==> flow/design.v <==
module cmp #(
   parameter integer WIDTH = 40
) (
   input  wire i_clk,
   input  wire rst_ni,
   input  wire [WIDTH-1:0] i_src1,
   input  wire [WIDTH-1:0] i_src2,
   output wire o_is_lt,
   output wire o_match
);
   reg [WIDTH-1:0] src1_ff;
   reg [WIDTH-1:0] src2_ff;
   reg [WIDTH:0] work_ff;
   reg is_lt_ff;
   assign o_is_lt = is_lt_ff;
   reg match_ff;
   assign o_match = match_ff;
   always @(posedge i_clk) begin
      if (!rst_ni) begin
         src1_ff <= 0;
         src2_ff <= 0;
         work_ff <= 0;
         is_lt_ff <= 1'b0;
         match_ff <= 1'b0;
      end else begin
         src1_ff <= i_src1;
         src2_ff <= i_src2;
         work_ff <= {1'b0, src1_ff} - {1'b0, src2_ff};
         is_lt_ff <= work_ff[WIDTH];
         match_ff <= ~|work_ff[WIDTH-1:0];
      end
   end
endmodule
# Tool chain data of cmp
# What the tools print for cmp, step after step.
# Lines are those of the file above, counted from 1.
# Not given: --
# design
design	cmp
clk_port	i_clk
cell_library	sky130hd
corner	tt_025C_1v80

# After elaboration
# Yosys after proc, flatten, opt, wreduce and memory -nomap, before mapping. Enables and synchronous resets that opt folds into registers are not counted as muxes. Memory bits, and registers merged into a memory's read port (data or address), are not among the register bits. Print and check cells are not counted. Equal cells are merged and count once.
# word_totals
inputBits	82
wordCells	8
register_bits	123
# op_classes
reduce_and_logical	2
addsub	1
# ops
op	count
40-bit by 40-bit subtractor with 41-bit output	1
40-bit OR reduction	1
1-bit zero test	1

# Depth
# Longest topological path by Yosys (ltp), each cell counted once; first at word level (registers and memories cut), then after technology mapping (sequential cells cut; the memories' decode and read muxes count).
# depth
word_depth	2
ABC_AREA	0
mapped_depth	12

# After synthesis
# Source: synth_stat.txt of the flow (Yosys; design flattened, memories mapped). It holds for the ABC_AREA given above (unset counts as 0); a run with the other value may have another netlist.
# Totals and module areas in this step are rounded.
# types
cell	count
sky130_fd_sc_hd__dfxtp_1	123
sky130_fd_sc_hd__and2_1	107
sky130_fd_sc_hd__ha_1	40
sky130_fd_sc_hd__a21oi_1	47
sky130_fd_sc_hd__inv_1	52
sky130_fd_sc_hd__nand2_1	35
sky130_fd_sc_hd__xnor2_1	15
sky130_fd_sc_hd__nand4_1	18
sky130_fd_sc_hd__o21ai_0	21
sky130_fd_sc_hd__xor2_1	11
sky130_fd_sc_hd__nor2_1	21
sky130_fd_sc_hd__a21o_1	10
sky130_fd_sc_hd__clkbuf_1	20
sky130_fd_sc_hd__o21bai_1	8
sky130_fd_sc_hd__nor2b_1	9
sky130_fd_sc_hd__nor3_1	11
sky130_fd_sc_hd__nor4_1	8
sky130_fd_sc_hd__nand3_1	9
# Not listed: further types 33, cells in them 75.
# mapped
seq_area_um2	2460
n_buf	24
yosys_area_um2	5740
cells	640
flip_flops	123

# Path before layout
# Source: OpenSTA report_checks on the synthesized netlist (no wires, ideal clock, input and output delay 20% of the period each), path of least setup slack; recovery checks are left aside. Register names are those of the netlist, which keeps one name where synthesis merged equal registers.
# synth_path
path_type	register -> register
from	reg src1_ff[0]
to	reg work_ff[40]
setup_ns	0.118
path_buffers	0
t_arrival_ns	2.377
setup_slack_ns	0.626
period_ns	3.12
delay_ns	2.495
path_stages	13
period_less_setup_slack_ns	2.494
# "delay_ns" = arrival - input delay + setup time.
# "path_stages" counts driving pins, that of a launching flip-flop among them; a cell with two outputs on the path counts twice.
# "period_less_setup_slack_ns" is the clock period less the worst setup slack; recovery checks do not enter. This is arithmetic on one report: input and output delays are still those of the set period (20% each).
# Between the ends stands the longest chain of elaborated cells between them, by number of cells; it is not shown to be the way that was timed. Of several equally long chains one is given.
# Each line given opens the expression or statement behind the cell; cells for indexed reads and writes are added by Yosys, which also makes memories of some case tables.
# synth_between
path_cell_list	sky130_fd_sc_hd__dfxtp_1 > sky130_fd_sc_hd__inv_1 > sky130_fd_sc_hd__ha_1 > sky130_fd_sc_hd__fa_1 > sky130_fd_sc_hd__nor2b_1 > sky130_fd_sc_hd__o2111ai_1 > sky130_fd_sc_hd__a21oi_1 > sky130_fd_sc_hd__o31ai_1 > sky130_fd_sc_hd__nand3_1 > sky130_fd_sc_hd__o2111ai_1 > sky130_fd_sc_hd__a31oi_1 > sky130_fd_sc_hd__a21boi_1 > sky130_fd_sc_hd__o2111a_1
elab_chain_cells	1
# synth_lines
item	line	rtl
from (decl)	11	reg [WIDTH-1:0] src1_ff;
from (assign)	20	src1_ff <= 0;
from (assign)	26	src1_ff <= i_src1;
40-bit by 40-bit subtractor with 41-bit output	28	work_ff <= {1'b0, src1_ff} - {1'b0, src2_ff};
to (assign)	22	work_ff <= 0;
to (assign)	28
to (decl)	13	reg [WIDTH:0] work_ff;

# Timing after layout
# Path of least setup slack in the final report of run 1 (OpenROAD, finished layout, wires in). Where an end is a register, its clock arrival counts in the times.
# layout_path
path_type	register -> register
from	reg src1_ff[0]
to	reg work_ff[40]
setup_slack_ns	1.13
setup_ns	0.11
t_arrival_ns	3.29
period_ns	4.13
path_buffers	0
path_stages	13
# Between the ends stands the longest chain of elaborated cells between them, by number of cells; it is not shown to be the way that was timed. Of several equally long chains one is given.
# layout_between
path_cell_list	sky130_fd_sc_hd__dfxtp_1 > sky130_fd_sc_hd__inv_1 > sky130_fd_sc_hd__ha_1 > sky130_fd_sc_hd__fa_1 > sky130_fd_sc_hd__nor2b_1 > sky130_fd_sc_hd__o2111ai_1 > sky130_fd_sc_hd__a21oi_1 > sky130_fd_sc_hd__o31ai_1 > sky130_fd_sc_hd__nand3_1 > sky130_fd_sc_hd__o2111ai_1 > sky130_fd_sc_hd__a31oi_1 > sky130_fd_sc_hd__a21boi_1 > sky130_fd_sc_hd__o2111a_1
elab_chain_cells	1
# layout_lines
item	line	rtl
from (decl)	11	reg [WIDTH-1:0] src1_ff;
from (assign)	20	src1_ff <= 0;
from (assign)	26	src1_ff <= i_src1;
40-bit by 40-bit subtractor with 41-bit output	28	work_ff <= {1'b0, src1_ff} - {1'b0, src2_ff};
to (assign)	22	work_ff <= 0;
to (assign)	28
to (decl)	13	reg [WIDTH:0] work_ff;

# Stored flow runs of cmp (2 of them; Yosys, OpenROAD, sky130hd). They differ in their settings and are not a sequence. Constraints: input delay and output delay 20% of the set period each, output load 0.01 pF.
# "achieved_clock_period_ns": clock period set for the run, less the worst setup slack. It is reckoned from that one timing run; input and output delays stay at 20% of the period that was set.
# "worst_path_allowed_less_slack_ns": the worst setup path's part of the clock period (all of it between registers, 20% less for each end at a port) less its slack. A launch clock that arrives late makes it longer, a capture clock that arrives late makes it shorter.
# By "power_total_uw" is meant OpenSTA's value without simulated activity: inputs other than the clock are taken to toggle once in ten clock periods, and the tool carries that through the logic.
# Results are given in rounded form.
# Among the settings, -- means not set for that run.
run name	period_ns	CORE_UTILIZATION	SETUP_SLACK_MARGIN	PLACE_DENSITY_LB_ADDON	CELL_PAD_IN_SITES_GLOBAL_PLACEMENT	TNS_END_PERCENT	GPL_ROUTABILITY_DRIVEN	CAP_MARGIN	CORE_MARGIN	SLEW_MARGIN	design.die.area_um2	yosys_chip_area_um2	ws_hold_ns	post_route_util_pct	final_setup_tns_ns	setup_worst_slack_ns	final_cell_area_um2	power_total_uw	worst_path_allowed_less_slack_ns	worst_path_kind	achieved_clock_period_ns
run 1	4.13	31	0.58	0.26	0	90	0	5	2	20	19600	5740	0.453	40.8	0.000	1.13	7390	3460	3.00	register -> register	3.003
run 2	3.12	40	--	--	--	--	--	20	2	20	15300	5740	0.436	52.5	0.000	0.306	7320	4470	2.81	register -> register	2.814
